==> flow/design.v <==
module times #(
    parameter DW = 8,
    parameter G = 2
) (
    input  logic clk,
    input  logic [DW-1:0] opa,
    input  logic [DW-1:0] opb,
    input  logic load,
    output logic [2*DW+G-1:0] mul
);
    logic [DW-1:0] r_opa;
    logic [DW-1:0] r_opb;
    logic r_load;
    logic [2*DW-1:0] r_cur;
    logic r_load_d;
    logic [2*DW+G-1:0] acc;
    always_ff @(posedge clk) begin
        r_opa <= opa;
        r_opb <= opb;
        r_load <= load;
        r_cur <= r_opa * r_opb;
        r_load_d <= r_load;
        acc <= r_load_d ? r_cur : acc + r_cur;
    end
    assign mul = acc;
endmodule
-- Reports on times
What the tools print for times, step after step.
Lines are those of the file above, counted from 1.
Library cell names are shortened.
A cell with - has no value.
- top module: times
- clock input: clk
- library: sky130hd
- corner: tt_025C_1v80

-- Elaborated design
Counts by Yosys on the flattened word-level netlist (proc, flatten, opt, wreduce; memories kept). Register bits leave out memories and registers merged into their read ports (data or address); mux counts leave out enables and synchronous resets folded into registers. Print and check cells are left out. Cells with the same type and inputs are merged into one.
- elaborated cells: 10
- flip-flop bits (word level): 52
- muxes and demuxes at 1
- $mul at 1
- $add $sub $neg at 1
- operators by type and width (cell ; number):
    8-bit by 8-bit multiplier with 16-bit output ; 1
    18-bit by 16-bit adder with 18-bit output ; 1
    16-bit 2-to-1 mux ; 1

-- Depth
Depth = most cells in a row (Yosys ltp): at word level without a register or memory, in the mapped netlist without a sequential cell, where the memories' decode and read muxes count.
- depth after elaboration: 2
- ABC_AREA at 0
- gate-level depth with buffers at 16
- gate-level depth less buffers at 16

-- Mapped cells and area
Yosys stat after the flow's synthesis: flattened, memories mapped to cells. It holds for the ABC_AREA given above (unset counts as 0); a run with the other value may have another netlist.
Totals and module areas in this step are rounded.
- sequential area: 1040 um2
- noted cell area after synthesis: 4200 um2
- noted cells in the netlist: 455
- mapped flip-flops at 52
- noted buffer cells: 5
- cell types (type ; number ; total area (um2)):
    dfxtp_1 ; 52 ; 1.04E+03
    fa_1 ; 37 ; 740.71
    ha_1 ; 52 ; 650.624
    and2_1 ; 56 ; 350.336
    inv_1 ; 62 ; 232.723
    nand2_1 ; 36 ; 135.13
    xnor2_1 ; 10 ; 87.584
    a21oi_1 ; 15 ; 75.072
    nor2_1 ; 17 ; 63.811
    xor2_1 ; 7 ; 61.309
    o21ai_1 ; 12 ; 60.058
    a211oi_1 ; 7 ; 52.55
    a21o_1 ; 7 ; 52.55
    nor2b_1 ; 8 ; 50.048
    o21ai_0 ; 10 ; 50.048
    o21a_1 ; 5 ; 37.536
    o31ai_1 ; 4 ; 30.029
    nand3_1 ; 5 ; 25.024
Other cell types: 36; their cells: 53.

-- Timing after synthesis
OpenSTA on the mapped netlist: ideal clock, no wires. The path of least setup slack (recovery checks aside). Input and output delay are each 20% of the period. Register names are those of the netlist, which keeps one name where synthesis merged equal registers.
- kind: reg2reg
- from: register r_opb[7]
- to: register r_cur[13]
- period at 5.01 ns
- stages on the path at 15
- slack at 1.005 ns
- noted arrival time: 3.860 ns
- noted path delay: 4.005 ns
- noted period reached after synthesis: 4.005 ns
"path delay" is the arrival time less input delay plus setup time.
"stages on the path" counts driving pins, that of a launching flip-flop among them; a cell with two outputs on the path counts twice.
"period reached after synthesis" is the clock period less the worst setup slack; recovery checks do not enter. This is arithmetic on one report: input and output delays are still those of the set period (20% each).
Between the ends stands the longest chain of elaborated cells between them, by number of cells; it is not shown to be the way that was timed. Of several equally long chains one is given.
Each line given opens the expression or statement behind the cell; cells for indexed reads and writes are added by Yosys, which also makes memories of some case tables.
- cell sequence: dfxtp_1 nand2_1 fa_1 fa_1 inv_1 fa_1 inv_1 fa_1 inv_1 ha_1 o21a_1 a21boi_1 o21a_1 a21oi_1 o311ai_1
- length of the longest elaborated chain: 1
- noted elaborated cells between the ends (all ways): 1
- classes of those cells: mul: 1
- RTL lines, path after synthesis (element ; RTL line ; RTL):
    start: declaration ; 12 ; logic [DW-1:0] r_opb;
    start: assignment ; 19 ; r_opb <= opb;
    8-bit by 8-bit multiplier with 16-bit output ; 21 ; r_cur <= r_opa * r_opb;
    end: assignment ; 21 ;
    end: declaration ; 14 ; logic [2*DW-1:0] r_cur;

-- Worst path after layout
From the final timing report of entry A: the path of least setup slack in the routed layout; clock arrival at registers is part of the times.
- kind: reg2reg
- from: register r_opb[7]
- to: register r_cur[13]
- slack at 0.75 ns
- stages on the path at 15
- noted arrival time: 4.42 ns
- period at 5.01 ns
Between the ends stands the longest chain of elaborated cells between them, by number of cells; it is not shown to be the way that was timed. Of several equally long chains one is given.
- cell sequence: dfxtp_1 nand2_1 fa_1 fa_1 inv_1 fa_1 inv_1 fa_1 inv_1 ha_1 o21a_1 a21boi_1 o21a_1 a21oi_1 o311ai_1
- length of the longest elaborated chain: 1
- noted elaborated cells between the ends (all ways): 1
- classes of those cells: mul: 1
- RTL lines, path after layout (element ; RTL line ; RTL):
    start: declaration ; 12 ; logic [DW-1:0] r_opb;
    start: assignment ; 19 ; r_opb <= opb;
    8-bit by 8-bit multiplier with 16-bit output ; 21 ; r_cur <= r_opa * r_opb;
    end: assignment ; 21 ;
    end: declaration ; 14 ; logic [2*DW-1:0] r_cur;

## Implementation results

times through Yosys and OpenROAD on sky130hd: 3 stored runs, unordered, with their settings and measured results. The constraints put input and output delay at 20% of the set period each and load the outputs with 0.01 pF.
"achieved clock period" = clock period - worst setup slack. The figure is calculated, with input and output delays left at 20% of the set period.
"worst path time" means the part of the period allowed to the worst setup path (the constraints hold back 20% at inputs and 20% at outputs) less its slack; where the path has registers, the arrival times of their clocks count too.
"total design power" is the tool's figure for a default switching activity; nothing was simulated.
Measured values are rounded.

Entry A
Settings were period_ns = 5.01; CAP_MARGIN = 20; CORE_MARGIN = 2; CORE_UTILIZATION = 40; SLEW_MARGIN = 20
- noted the worst path time: 4.26 ns
- worst setup path type: reg2reg
- noted the worst hold slack in the final report: 0.334 ns
- final utilization: 46.6%
- total design power: 0.00256 W
- overall die area at 11,300 um2
- setup slack of the worst path: 0.755 ns
- noted the final setup TNS: 0.000 ns
- achieved clock period at 4.255 ns
- Yosys chip area after synthesis: 4,200 um2

Entry B
Settings were period_ns = 4.85; CORE_UTILIZATION = 72; CELL_PAD_IN_SITES_GLOBAL_PLACEMENT = 1; GPL_ROUTABILITY_DRIVEN = 1; CTS_CLUSTER_SIZE = 60; CAP_MARGIN = 5; CORE_MARGIN = 2; SLEW_MARGIN = 20
- no final report: placement broke off with GPL-0301

Entry C
Settings were period_ns = 5.65; CORE_UTILIZATION = 38; SETUP_SLACK_MARGIN = 0.9; PLACE_DENSITY = 0.57; CELL_PAD_IN_SITES_GLOBAL_PLACEMENT = 2; TNS_END_PERCENT = 80; GPL_TIMING_DRIVEN = 0; MIN_ROUTING_LAYER = met1; CAP_MARGIN = 20; CORE_MARGIN = 2; SLEW_MARGIN = 20
- noted the worst path time: 4.33 ns
- worst setup path type: reg2reg
- noted the worst hold slack in the final report: 0.335 ns
- final utilization: 44.8%
- total design power: 0.00234 W
- overall die area at 11,900 um2
- setup slack of the worst path: 1.32 ns
- noted the final setup TNS: 0.000 ns
- achieved clock period at 4.333 ns
- Yosys chip area after synthesis: 4,200 um2
